==> flow/design.v <==
module my_add_core_n #(
    parameter DATA_W = 12,
    parameter INPUTS = 4,
    parameter OW = DATA_W + $clog2(INPUTS)
) (
    input  clk,
    input  [INPUTS*DATA_W-1:0] d,
    output [OW-1:0] s
);
    reg [INPUTS*DATA_W-1:0] d_ff;
    wire [OW-1:0] tree [1:2*INPUTS-1];
    genvar i;
    generate
        for (i = 0; i < INPUTS; i = i + 1) begin : slice
            assign tree[INPUTS+i] = d_ff[i*DATA_W +: DATA_W];
        end
        for (i = 1; i < INPUTS; i = i + 1) begin : stage
            assign tree[i] = tree[2*i] + tree[2*i+1];
        end
    endgenerate
    reg [OW-1:0] s_ff;
    assign s = s_ff;
    always @(posedge clk) begin
        d_ff <= d;
        s_ff <= tree[1];
    end
endmodule
* Step by step through the tools: my_add_core_n
Module my_add_core_n in several versions that differ in "INPUTS"; each step lists the members.
The file above is the member INPUTS=4. Line numbers count from 1 in each member's own file.
Operators: Yosys type, input widths -> output width; for muxes data width and select width s.
Library cell names are shortened.
A cell with -- has no value.
- Top module :: my_add_core_n
- Clock input :: clk
- Standard-cell library :: sky130hd
- Timing corner :: tt_025C_1v80

* Members of the sweep
New or changed lines of each further member against the RTL above, in its own file; lines it lacks are not shown.
** New or changed lines
- INPUTS 5 :: RTL line 3 : parameter INPUTS = 5,
- INPUTS 7 :: RTL line 3 : parameter INPUTS = 7,
- INPUTS 16 :: RTL line 3 : parameter INPUTS = 16,
- INPUTS 32 :: RTL line 3 : parameter INPUTS = 32,

* Word-level counts
Counts by Yosys on the flattened word-level netlist (proc, flatten, opt, wreduce). Print and check cells are left out. Cells with the same type and inputs are merged into one.
** Bit counts
- INPUTS 4 :: register bits 62, cells after elaboration 5
- INPUTS 5 :: register bits 75, cells after elaboration 6
- INPUTS 7 :: register bits 99, cells after elaboration 8
- INPUTS 16 :: register bits 208, cells after elaboration 17
- INPUTS 32 :: register bits 401, cells after elaboration 33
** Cells by class (add/sub/neg operators)
- INPUTS 4 :: 3
- INPUTS 5 :: 4
- INPUTS 7 :: 6
- INPUTS 16 :: 15
- INPUTS 32 :: 31
** Operators with widths (kinds with counts)
- INPUTS 4 :: 2 x $add 12x12->13; 1 x $add 14x14->14
- INPUTS 5 :: 2 x $add 12x12->13; 1 x $add 15x12->15; 1 x $add 15x15->15
- INPUTS 7 :: 3 x $add 12x12->13; 2 x $add 15x15->15; 1 x $add 15x12->15
- INPUTS 16 :: 7 x $add 16x16->16; 8 x $add 12x12->13
- INPUTS 32 :: 15 x $add 17x17->17; 16 x $add 12x12->13

* Longest topological paths
Longest topological path by Yosys (ltp), each cell counted once; first at word level (registers and memories cut), then after technology mapping (sequential cells cut; the memories' decode and read muxes count).
** Logic depth
- INPUTS 4 :: word-level depth 2, ABC_AREA 0, gate-level depth with buffers 14
- INPUTS 5 :: word-level depth 3, ABC_AREA 0, gate-level depth with buffers 16
- INPUTS 7 :: word-level depth 3, ABC_AREA 0, gate-level depth with buffers 19
- INPUTS 16 :: word-level depth 4, ABC_AREA 0, gate-level depth with buffers 23
- INPUTS 32 :: word-level depth 5, ABC_AREA 0, gate-level depth with buffers 25

* Netlist
Yosys stat after the flow's synthesis: flattened, memories mapped to cells. It holds for the ABC_AREA given above (unset counts as 0); a run with the other value may have another netlist.
** Cell types (types with counts)
- INPUTS 4 :: 62 x dfxtp_1; 37 x ha_1; 16 x xnor2_1; 23 x a21oi_1; 10 x xor2_1; 9 x a21o_1; 17 x inv_1; 17 x nand2_1; 17 x nor2_1; 3 x fa_1; 10 x o21ai_0; 8 x o21ai_1; 5 x a211oi_1; 7 x nor3_1; 5 x nand2b_1; 6 x nand3_1; 1 x a2111oi_4; 4 x a31oi_1; [+34]
- INPUTS 5 :: 75 x dfxtp_1; 37 x ha_1; 15 x fa_1; 53 x inv_1; 13 x xor2_1; 12 x xnor2_1; 20 x a21oi_1; 12 x o21ai_0; 8 x o21bai_1; 11 x nand3_1; 7 x a21o_1; 10 x nor3_1; 11 x nand2_1; 9 x nor2_1; 5 x nand2b_1; 2 x a2111oi_2; 1 x a2111oi_4; 3 x a2111oi_0; [+50]
- INPUTS 7 :: 99 x dfxtp_1; 51 x ha_1; 28 x fa_1; 70 x inv_1; 24 x xnor2_1; 30 x a21oi_1; 15 x a21o_1; 12 x xor2_1; 19 x o21ai_0; 11 x a211oi_1; 8 x a31o_2; 18 x nor2_1; 10 x nor3_1; 8 x nand3_1; 5 x o21bai_1; 9 x nand2_1; 4 x o21a_1; 4 x and2_1; [+40]
- INPUTS 16 :: 208 x dfxtp_1; 85 x fa_1; 112 x ha_1; 122 x inv_1; 50 x xnor2_1; 73 x a21oi_1; 35 x xor2_1; 41 x o21ai_0; 23 x a21o_1; 39 x nor2_1; 20 x nor2b_1; 13 x o21a_1; 13 x o21bai_1; 25 x nand2_1; 10 x nand2b_1; 9 x a31oi_1; 9 x nor3_1; 5 x a2111oi_0; [+61]
- INPUTS 32 :: 401 x dfxtp_1; 194 x fa_1; 218 x ha_1; 268 x inv_1; 94 x xnor2_1; 122 x a21oi_1; 92 x o21ai_0; 49 x xor2_1; 56 x a21o_1; 92 x nor2_1; 48 x nor3_1; 62 x nand2_1; 33 x nand3_1; 26 x nand2b_1; 18 x o211ai_1; 21 x nor2b_1; 17 x a211oi_1; 19 x and3_1; [+211]
A list marked [+n] leaves out that many cells.
** Mapped netlist
- INPUTS 4 :: cell count 291, synthesis area 2919.0 µm², flip-flop cells 62
- INPUTS 5 :: cell count 354, synthesis area 3653.5 µm², flip-flop cells 75
- INPUTS 7 :: cell count 465, synthesis area 4858.4 µm², flip-flop cells 99
- INPUTS 16 :: cell count 953, synthesis area 10451.3 µm², flip-flop cells 208
- INPUTS 32 :: cell count 2041, synthesis area 21689.6 µm², flip-flop cells 401

* Worst setup path after synthesis
Path of least setup slack by OpenSTA after synthesis, without wires, with an ideal clock, recovery checks aside; 20% of the period is set as input and as output delay. Where synthesis merged equal registers, the netlist keeps one of their names.
** Timing post-synthesis
- INPUTS 4 :: path kind register to register, start register d_ff[3], end register s_ff[11], period 3440 ps, slack 685 ps, driving pins on the path 12, path delay 2755 ps, synthesis period reached 2755 ps
- INPUTS 5 :: path kind register to register, start register d_ff[12], end register s_ff[11], period 4350 ps, slack 872 ps, driving pins on the path 17, path delay 3478 ps, synthesis period reached 3478 ps
- INPUTS 7 :: path kind register to register, start register d_ff[13], end register s_ff[12], period 4950 ps, slack 991 ps, driving pins on the path 18, path delay 3959 ps, synthesis period reached 3959 ps
- INPUTS 16 :: path kind register to register, start register d_ff[24], end register s_ff[13], period 6620 ps, slack 1324 ps, driving pins on the path 20, path delay 5296 ps, synthesis period reached 5296 ps
- INPUTS 32 :: path kind register to register, start register d_ff[336], end register s_ff[13], period 8020 ps, slack 1606 ps, driving pins on the path 23, path delay 6414 ps, synthesis period reached 6414 ps
"path delay" = arrival - input delay + setup time.
"driving pins on the path" counts driving pins, that of a launching flip-flop among them; a cell with two outputs on the path counts twice.
"synthesis period reached" is the clock period less the worst setup slack; recovery checks do not enter. This is arithmetic on one report: input and output delays are still those of the set period (20% each).
The rows between start and end are the longest chain of elaborated cells between them; the timing report does not say that the signal goes this way. Where chains are equally long, one stands for them.
A line is the first line of the expression or statement that the cell stems from. Yosys adds cells for indexed reads and writes and turns some case tables into memories.
On the way, post-synthesis, INPUTS=4:
- Length of the longest elaborated chain :: 2
** Ends and longest elaborated chain, post-synthesis, INPUTS=4
- start, declared :: RTL line 10 : reg [INPUTS*DATA_W-1:0] d_ff;
- start, assigned :: RTL line 24 : d_ff <= d;
- $add 12x12->13 :: RTL line 18 : assign tree[i] = tree[2*i] + tree[2*i+1];
- $add 14x14->14 :: RTL line 18
- end, assigned :: RTL line 25 : s_ff <= tree[1];
- end, declared :: RTL line 21 : reg [OW-1:0] s_ff;
On the way, post-synthesis, INPUTS=32:
- Length of the longest elaborated chain :: 5
** Ends and longest elaborated chain, post-synthesis, INPUTS=32
- start, declared :: RTL line 10 : reg [INPUTS*DATA_W-1:0] d_ff;
- start, assigned :: RTL line 24 : d_ff <= d;
- $add 12x12->13 :: RTL line 18 : assign tree[i] = tree[2*i] + tree[2*i+1];
- $add 17x17->17 x4 :: RTL line 18
- end, assigned :: RTL line 25 : s_ff <= tree[1];
- end, declared :: RTL line 21 : reg [OW-1:0] s_ff;

* Worst path after layout
Path of least setup slack in the final report of each member's run (OpenROAD, finished layout, wires in). Where an end is a register, its clock arrival counts in the times.
The path's times are printed in steps of 10 ps; the period is the one set.
** Timing post-layout
- INPUTS 4 :: path kind register to register, start register d_ff[24], end register s_ff[12], period 3440 ps, slack 380 ps, driving pins on the path 15, data arrival time 3280 ps
- INPUTS 5 :: path kind register to register, start register d_ff[24], end register s_ff[11], period 4350 ps, slack 610 ps, driving pins on the path 17, data arrival time 4040 ps
- INPUTS 7 :: path kind register to register, start register d_ff[37], end register s_ff[12], period 4950 ps, slack 700 ps, driving pins on the path 17, data arrival time 4440 ps
- INPUTS 16 :: path kind register to register, start register d_ff[24], end register s_ff[14], period 6620 ps, slack 950 ps, driving pins on the path 22, data arrival time 6120 ps
- INPUTS 32 :: path kind register to register, start register d_ff[336], end register s_ff[16], period 8020 ps, slack 1160 ps, driving pins on the path 23, data arrival time 7310 ps

* Layout results
One run of the flow (Yosys, OpenROAD) for each member, with settings and measured results. Input and output delays are each 20% of the period that was set; the output load is 0.01 pF.
- CAP_MARGIN :: 20
- CORE_MARGIN :: 2
- CORE_UTILIZATION :: 40
- SLEW_MARGIN :: 20
** Settings that differ (period_ns)
- INPUTS 4 :: 3.44
- INPUTS 5 :: 4.35
- INPUTS 7 :: 4.95
- INPUTS 16 :: 6.62
- INPUTS 32 :: 8.02
** Results
- INPUTS 4 :: netlist area reported by Yosys 2919.0 µm², area inside the die boundary 7996.8 µm², area of the standard cells in the finished layout 3880.0 µm², final utilization 54.1%, worst setup slack after layout 383 ps, final setup TNS 0 ps, worst hold slack in the final report 578 ps, period reached 3057 ps
- INPUTS 5 :: netlist area reported by Yosys 3653.5 µm², area inside the die boundary 9914.2 µm², area of the standard cells in the finished layout 4724.5 µm², final utilization 53.7%, worst setup slack after layout 605 ps, final setup TNS 0 ps, worst hold slack in the final report 603 ps, period reached 3745 ps
- INPUTS 7 :: netlist area reported by Yosys 4858.4 µm², area inside the die boundary 13043.9 µm², area of the standard cells in the finished layout 6356.1 µm², final utilization 53.4%, worst setup slack after layout 703 ps, final setup TNS 0 ps, worst hold slack in the final report 581 ps, period reached 4247 ps
- INPUTS 16 :: netlist area reported by Yosys 10451.3 µm², area inside the die boundary 27436.6 µm², area of the standard cells in the finished layout 13779.5 µm², final utilization 53.3%, worst setup slack after layout 954 ps, final setup TNS 0 ps, worst hold slack in the final report 706 ps, period reached 5666 ps
- INPUTS 32 :: netlist area reported by Yosys 21689.6 µm², area inside the die boundary 56102.7 µm², area of the standard cells in the finished layout 28184.5 µm², final utilization 52.5%, worst setup slack after layout 1164 ps, final setup TNS 0 ps, worst hold slack in the final report 590 ps, period reached 6856 ps
"period reached" is the run's clock period less its worst setup slack. It is reckoned from that one timing run; input and output delays stay at 20% of the period that was set.
